==> flow/design.v <==
module my_shifter #(
  parameter DATA_WIDTH = 32,
  parameter LOGN = $clog2(DATA_WIDTH)
) (
  input  wire clk,
  input  wire i_rst_n,
  input  wire enable,
  input  wire [DATA_WIDTH-1:0] bus,
  input  wire [LOGN-1:0] n,
  input  wire [1:0] fn,
  output reg [DATA_WIDTH-1:0] data_out
);
  reg [DATA_WIDTH-1:0] bus_d1;
  reg [LOGN-1:0] n_d1;
  reg [1:0] fn_d1;
  always @(posedge clk or negedge i_rst_n) begin
    if (~i_rst_n) begin
      bus_d1 <= 0;
      n_d1 <= 0;
      fn_d1 <= 0;
    end else if (enable) begin
      bus_d1 <= bus;
      n_d1 <= n;
      fn_d1 <= fn;
    end
  end
  reg [DATA_WIDTH-1:0] tmp;
  always @(*) begin
    case (fn_d1)
      2'b00: tmp = bus_d1 << n_d1;
      2'b01: tmp = bus_d1 >> n_d1;
      2'b10: tmp = $signed(bus_d1) >>> n_d1;
      default: tmp = bus_d1;
    endcase
  end
  always @(posedge clk or negedge i_rst_n) begin
    if (~i_rst_n) begin
      data_out <= 0;
    end else if (enable) begin
      data_out <= tmp;
    end
  end
endmodule
-- From RTL to reports: my_shifter
Tool output for the design above, in the order of the flow.
Lines are those of the file above, counted from 1.
A cell with -- has no value.
- design top: my_shifter
- clock: clk
- library: sky130hd
- corner: tt_025C_1v80

-- After elaboration
Counts by Yosys on the flattened word-level netlist (proc, flatten, opt, wreduce; memories kept). Register bits leave out memories and registers merged into their read ports (data or address); mux counts leave out enables and synchronous resets folded into registers. Print and check cells are left out. Cells with the same type and inputs are merged into one.
- noted register bits after elaboration: 71
- noted input port bits: 42
- output and inout bits: 32
- noted cells after elaboration: 11
- equal/unequal tests: 2
- noted shifts and indexed selects: 3
- muxes and demuxes at 1
- reduce/logical cells at 1
- operators by type and width (cell ; count):
    case mux 32 bit (select 3 bit) ; 1
    << shifter 32 x 5 -> 32 bit ; 1
    right shift 32 x 5 -> 32 bit ; 1
    >>> shifter 32 x 5 -> 32 bit ; 1
    equality test 2 x 1 -> 1 bit with constant B ; 1
    equality test 2 bit with constant B ; 1
    zero test 2 bit ; 1

-- Longest topological paths
Yosys ltp: most cells in a row. Word level: on the elaborated netlist, between registers, memories and ports. Mapped: between sequential cells and ports; inverters and the memories' decode and read muxes count.
- depth in word-level cells: 2
- ABC_AREA at 0
- gate-level depth with buffers: 9

-- Netlist
The flow's flattened synthesis, as Yosys stat reports it; memories are mapped. The netlist is that of the ABC_AREA named above (0 if unset); the other value can give another one.
- cells by type (cell ; count ; area in all (um2)):
    sky130_fd_sc_hd__dfrtp_1 ; 71 ; 1.78E+03
    sky130_fd_sc_hd__mux4_2 ; 72 ; 1.62E+03
    sky130_fd_sc_hd__mux2_2 ; 56 ; 630.605
    sky130_fd_sc_hd__mux2i_1 ; 36 ; 360.346
    sky130_fd_sc_hd__nor2_1 ; 89 ; 334.07
    sky130_fd_sc_hd__clkbuf_1 ; 64 ; 240.23
    sky130_fd_sc_hd__mux4_1 ; 9 ; 236.477
    sky130_fd_sc_hd__nand2_1 ; 59 ; 221.462
    sky130_fd_sc_hd__o21ai_0 ; 37 ; 185.178
    sky130_fd_sc_hd__a21oi_1 ; 35 ; 175.168
    sky130_fd_sc_hd__a31oi_1 ; 24 ; 150.144
    sky130_fd_sc_hd__buf_6 ; 8 ; 90.086
    sky130_fd_sc_hd__nor3_1 ; 18 ; 90.086
    sky130_fd_sc_hd__nand2b_1 ; 14 ; 87.584
    sky130_fd_sc_hd__buf_2 ; 17 ; 85.082
    sky130_fd_sc_hd__o31ai_1 ; 10 ; 75.072
    sky130_fd_sc_hd__nor2b_1 ; 11 ; 68.816
    sky130_fd_sc_hd__a211oi_1 ; 9 ; 67.565
Not listed: further types 59, cells in them 158.
- noted standard cells after synthesis: 797
- mapped area at 7728.7 um2
- noted sequential part of the area: 1776.7 um2
- flip-flops: 71
- buffer cells: 107

-- Worst setup path after synthesis
Source: OpenSTA report_checks on the synthesized netlist (no wires, ideal clock, input and output delay 20% of the period each), path of least setup slack; recovery checks are left aside. Register names are those of the netlist, which keeps one name where synthesis merged equal registers.
- path type: register -> register
- from: reg n_d1[0]
- to: reg data_out[15]
- period: 2.59 ns
- setup time: 0.126 ns
- arrival time at 1.949 ns
- path slack: 0.515 ns
- noted delay of the path: 2.075 ns
- stages at 7
- synthesis period reached: 2.075 ns
"delay of the path" = arrival - input delay + setup time.
"stages": output pins that drive a net of the path, with the launching flip-flop's if there is one; two outputs of one cell count as two.
"synthesis period reached" = period - worst setup slack (recovery checks aside). The figure is calculated, with input and output delays left at 20% of the set period.
The rows between start and end are the longest chain of elaborated cells between them; the timing report does not say that the signal goes this way. Where chains are equally long, one stands for them.
Each line given opens the expression or statement behind the cell; cells for indexed reads and writes are added by Yosys, which also makes memories of some case tables.
- path through: sky130_fd_sc_hd__dfrtp_1 > sky130_fd_sc_hd__buf_6 > sky130_fd_sc_hd__mux4_1 > sky130_fd_sc_hd__mux2_4 > sky130_fd_sc_hd__mux2i_4 > sky130_fd_sc_hd__o21ai_2 > sky130_fd_sc_hd__a221o_1
- cells in the longest elaborated chain: 2
- elaborated cells on any way between the ends at 4
- RTL lines with such cells: 4
- those cells by class: shift (3); mux (1)
- RTL lines, path post-synthesis (item ; RTL line ; text):
    start, declared ; 14 ; reg [LOGN-1:0] n_d1;
    start, assigned ; 19 ; n_d1 <= 0;
    start, assigned ; 23 ; n_d1 <= n;
    >>> shifter 32 x 5 -> 32 bit ; 32 ; 2'b10: tmp = $signed(bus_d1) >>> n_d1;
    case mux 32 bit (select 3 bit) ; 29 ; case (fn_d1)
    end, assigned ; 38 ; data_out <= 0;
    end, assigned ; 40 ; data_out <= tmp;
    end, declared ; 11 ; output reg [DATA_WIDTH-1:0] data_out

-- Worst path after layout
From the final timing report of entry A: the path of least setup slack in the routed layout; clock arrival at registers is part of the times.
- path type: register -> register
- from: reg n_d1[1]
- to: reg data_out[10]
- period: 2.37 ns
- setup time: 0.10 ns
- arrival time at 2.79 ns
- path slack: -0.16 ns
- stages at 8
The rows between start and end are the longest chain of elaborated cells between them; the timing report does not say that the signal goes this way. Where chains are equally long, one stands for them.
- path through: sky130_fd_sc_hd__dfrtp_4 > sky130_fd_sc_hd__buf_12 > sky130_fd_sc_hd__buf_12 > sky130_fd_sc_hd__o311a_1 > sky130_fd_sc_hd__o41ai_2 > sky130_fd_sc_hd__o31ai_1 > sky130_fd_sc_hd__buf_4 > sky130_fd_sc_hd__a221oi_1
- cells in the longest elaborated chain: 2
- elaborated cells on any way between the ends at 4
- RTL lines with such cells: 4
- those cells by class: shift (3); mux (1)
- RTL lines, path post-layout (item ; RTL line ; text):
    start, declared ; 14 ; reg [LOGN-1:0] n_d1;
    start, assigned ; 19 ; n_d1 <= 0;
    start, assigned ; 23 ; n_d1 <= n;
    >>> shifter 32 x 5 -> 32 bit ; 32 ; 2'b10: tmp = $signed(bus_d1) >>> n_d1;
    case mux 32 bit (select 3 bit) ; 29 ; case (fn_d1)
    end, assigned ; 38 ; data_out <= 0;
    end, assigned ; 40 ; data_out <= tmp;
    end, declared ; 11 ; output reg [DATA_WIDTH-1:0] data_out

Subject: flow runs of my_shifter

Hi,

my_shifter through Yosys and OpenROAD on sky130hd: 2 stored runs, unordered, with their settings and measured results. The constraints put input and output delay at 20% of the set period each and load the outputs with 0.01 pF.
"achieved clock period" means the clock period less the worst setup slack. The figure is calculated, with input and output delays left at 20% of the set period.
"worst path time" means the part of the period allowed to the worst setup path (the constraints hold back 20% at inputs and 20% at outputs) less its slack; where the path has registers, the arrival times of their clocks count too.
"total power after layout": no workload was simulated; the value follows from the tool's default switching activity.

Entry A

==> flow/run.sh <==
#!/bin/bash
# the make line also repeats the synthesis and layout settings of config.mk as NAME=value (left out here)
make -C /OpenROAD-flow-scripts/flow DESIGN_CONFIG=/design/flow/config.mk WORK_HOME=/design/flow/orfs CLKGATE_MAP_FILE= finish
==> flow/config.mk <==
export PLATFORM = sky130hd
export DESIGN_NAME = my_shifter
export DESIGN_NICKNAME = my_shifter
export VERILOG_FILES = /design/flow/design.v
export SDC_FILE = /design/flow/constraint.sdc
export NUM_CORES = 4
export LEC_CHECK = 0
export ABC_AREA = 0
export CAP_MARGIN = 20
export CELL_PAD_IN_SITES_GLOBAL_PLACEMENT = 1
export CORE_MARGIN = 2
export CORE_UTILIZATION = 25
export CTS_CLUSTER_DIAMETER = 164
export MIN_ROUTING_LAYER = met1
export PLACE_DENSITY_LB_ADDON = 0.09
export SETUP_SLACK_MARGIN = -0.16
export SLEW_MARGIN = 20
export TNS_END_PERCENT = 60
==> flow/constraint.sdc <==
create_clock -name core_clock -period 2.37 [get_ports {clk}]
set_input_delay 0.4740 -clock core_clock [delete_from_list [all_inputs] [get_ports {clk}]]
set_output_delay 0.4740 -clock core_clock [all_outputs]
set_load 0.01 [all_outputs]

Measured in entry A:
- die area at 32337.0 um2
- noted the standard-cell area after layout: 10393.7 um2
- achieved clock period: 2.525 ns
- post-route setup TNS at -0.847 ns
- chip area after synthesis (Yosys) at 7728.7 um2
- post-layout utilization: 34.1%
- total power after layout at 6707 µW
- worst path time: 2.53 ns
- type of the worst setup path: register -> register
- worst slack on setup checks: -0.155 ns

Entry B

==> flow/run.sh <==
#!/bin/bash
# the make line also repeats the synthesis and layout settings of config.mk as NAME=value (left out here)
make -C /OpenROAD-flow-scripts/flow DESIGN_CONFIG=/design/flow/config.mk WORK_HOME=/design/flow/orfs CLKGATE_MAP_FILE= finish
==> flow/config.mk <==
export PLATFORM = sky130hd
export DESIGN_NAME = my_shifter
export DESIGN_NICKNAME = my_shifter
export VERILOG_FILES = /design/flow/design.v
export SDC_FILE = /design/flow/constraint.sdc
export NUM_CORES = 4
export LEC_CHECK = 0
export CAP_MARGIN = 20
export CORE_MARGIN = 2
export CORE_UTILIZATION = 40
export SLEW_MARGIN = 20
==> flow/constraint.sdc <==
create_clock -name core_clock -period 2.59 [get_ports {clk}]
set_input_delay 0.5180 -clock core_clock [delete_from_list [all_inputs] [get_ports {clk}]]
set_output_delay 0.5180 -clock core_clock [all_outputs]
set_load 0.01 [all_outputs]

Measured in entry B:
- post-layout utilization: 50.5%
- worst slack on setup checks: 0.123 ns
- total power after layout at 5837 µW
- worst path time: 2.47 ns
- type of the worst setup path: register -> register
- achieved clock period: 2.467 ns
- chip area after synthesis (Yosys) at 7728.7 um2
- noted the standard-cell area after layout: 9516.6 um2
- die area at 20449.0 um2
- post-route setup TNS at 0.000 ns

Regards
